==> flow/design.v <==
module selector #(
    parameter DATA_W = 3,
    parameter COUNT = 10
) (
    input logic core_clk,
    input logic srst,
    input logic en,
    input logic [COUNT*DATA_W-1:0] val,
    input logic [COUNT-1:0] choose,
    output logic [DATA_W-1:0] out
);
    logic [DATA_W-1:0] work;
    always_comb begin
        work = '0;
        for (int i = COUNT-1; i >= 0; i = i - 1)
            if (choose[i]) work = val[i*DATA_W +: DATA_W];
    end
    always_ff @(posedge core_clk or posedge srst) begin
        if (srst) begin
            out <= '0;
        end else if (en) begin
            out <= work;
        end
    end
endmodule
# Reports on selector
# Tool output for the design above, in the order of the flow.
# Lines are those of the file above, counted from 1.
# Operators: Yosys type, input widths -> output width; for muxes data width and select width s.
# Cell names lack the library's common part.
# A cell with n/a has no value.
# design
top	selector
clock	core_clk
library	sky130hd
corner	tt_025C_1v80

# Word level
# Yosys after proc, flatten, opt, wreduce and memory -nomap, before mapping. Enables and synchronous resets that opt folds into registers are not counted as muxes. Memory bits, and registers merged into a memory's read port (data or address), are not among the register bits. Print and check cells are not counted. Equal cells are merged and count once.
# word_totals
word_cells	11
ff_bits	3
output_inout_bits	3
# classes
n_mux	10
# op_table
op	count
$mux 3	10

# Depth
# Depth = most cells in a row (Yosys ltp): at word level without a register or memory, in the mapped netlist without a sequential cell, where the memories' decode and read muxes count.
# depth
word_depth	10
abc_area	1
ltp_mapped	13

# Mapped cells and area
# Yosys stat after the flow's synthesis: flattened, memories mapped to cells. It holds for the ABC_AREA given above (unset counts as 0); a run with the other value may have another netlist.
# The area totals of this step are shown rounded.
# types
cell	count	type_area_um2
nand2_1	39	146.39
a21oi_1	15	75.072
dfrtp_1	3	75.072
inv_1	12	45.043
nand3_1	9	45.043
nor2_1	6	22.522
bufinv_8	1	17.517
clkinv_4	1	8.758
inv_2	1	3.754
# synth_totals
synth_area_um2	439
seq_area_um2	75.1
mapped_cells	87
ffs	3

# Worst setup path after synthesis
# Path of least setup slack by OpenSTA after synthesis, without wires, with an ideal clock, recovery checks aside; 20% of the period is set as input and as output delay. Where synthesis merged equal registers, the netlist keeps one of their names.
# synth_path
path_type	in2reg
startpoint	input (name not given)
endpoint	register out[0]
setup_time_ps	116
setup_slack_ps	379
input_delay_ps	280
driving_pins	12
required_time_ps	1284
arrival_ps	904
launch_ps	280
period_ps	1400
path_delay_ps	740
period_less_setup_slack_ps	1021
# "path_delay_ps" is the arrival time less input delay plus setup time.
# "driving_pins" counts driving pins, that of a launching flip-flop among them; a cell with two outputs on the path counts twice.
# "period_less_setup_slack_ps" is the clock period less the worst setup slack; recovery checks do not enter. This is arithmetic on one report: input and output delays are still those of the set period (20% each).
# The rows between start and end are the longest chain of elaborated cells between them; the timing report does not say that the signal goes this way. Where chains are equally long, one stands for them.
# A line is the first line of the expression or statement that the cell stems from. Yosys adds cells for indexed reads and writes and turns some case tables into memories.
# synth_between
cell_sequence	a21oi_1 nand2_1 nand2_1 nand2_1 nand3_1 nand2_1 nand2_1 nand3_1 nand2_1 nand2_1 nand2_1 nand2_1
elab_chain_cells	9
cells_between	9
classes_between	mux: 9
# synth_rtl
element	line	rtl
start, declared	9
$mux 3 (9 in a row)	16
end, assigned	20	out <= '0;
end, assigned	22	out <= work;
end, declared	10	output logic [DATA_W-1:0] out

# Path in the finished layout
# From the final timing report of flow run 1: the path of least setup slack in the routed layout; clock arrival at registers is part of the times.
# The path's times are printed in steps of 10 ps; the period is the one set.
# layout_path
path_type	in2reg
startpoint	input (name not given)
endpoint	register out[2]
arrival_ps	1590
driving_pins	14
setup_slack_ps	160
input_delay_ps	330
launch_ps	330
setup_time_ps	120
required_time_ps	1750
period_ps	1630
# The rows between start and end are the longest chain of elaborated cells between them; the timing report does not say that the signal goes this way. Where chains are equally long, one stands for them.
# layout_between
cell_sequence	clkdlybuf4s50_1 inv_2 nand3_1 nand2_1 nand2_1 nand2_1 nand3_1 nand2_1 nand2_1 nand3_1 nand2_1 nand2_1 nand2_1 nand2_1
elab_chain_cells	9
cells_between	9
classes_between	mux: 9
# layout_rtl
element	line	rtl
start, declared	9
$mux 3 (9 in a row)	16
end, assigned	20	out <= '0;
end, assigned	22	out <= work;
end, declared	10	output logic [DATA_W-1:0] out

# Flow measurements of selector on sky130hd: 3 stored runs with different settings, listed in no order. Input and output delays are each 20% of the period that was set; the output load is 0.01 pF.
# "timing.achieved_period_ps" is the run's clock period less its worst setup slack. It is reckoned from that one timing run; input and output delays stay at 20% of the period that was set.
# "worst_setup_path_time_ps" = time allowed to the worst setup path (clock period - input delay - output delay, where it has them) - its slack; a late launch clock adds to it, a late capture clock takes from it.
# "total_power_uw" rests on the timing tool's default activity at the inputs, not on a simulated workload.
# "worst_setup_path_time_ps" is given in steps of 10 ps.
# The results are shown rounded.
# Among the settings, . means not set for that run.
# Among the results, . means that no value is shown for the run.
run name	period_ns	CORE_UTILIZATION	SETUP_SLACK_MARGIN	PLACE_DENSITY_LB_ADDON	CORE_MARGIN	ABC_AREA	CTS_CLUSTER_DIAMETER	MAX_ROUTING_LAYER	CAP_MARGIN	SLEW_MARGIN	CELL_PAD_IN_SITES_DETAIL_PLACEMENT	GPL_TIMING_DRIVEN	fin_tns_ps	total_power_uw	layout_utilization_pct	synth_chip_area_um2	worst_setup_path_time_ps	worstPathKind	timing.achieved_period_ps	post_route_stdcell_area_um2	final_setup_ws_ps	die_um2
flow run 1	1.63	17	-0.13	0.28	6	1	279	met5	20	20	.	.	0	428	41.0	439	1150	in2reg	1472	951	158	3950
flow run 2	1.81	35	.	0.01	2	0	.	.	0	20	0	1	0	387	82.7	424	1360	in2reg	1717	931	93	1510
flow run 3	1.4	40	.	.	2	.	.	.	20	20	.	.	.	.	.	.	.	.	.	.	.	.
# Flow run 3: did not finish, placement stopped with GPL-0301
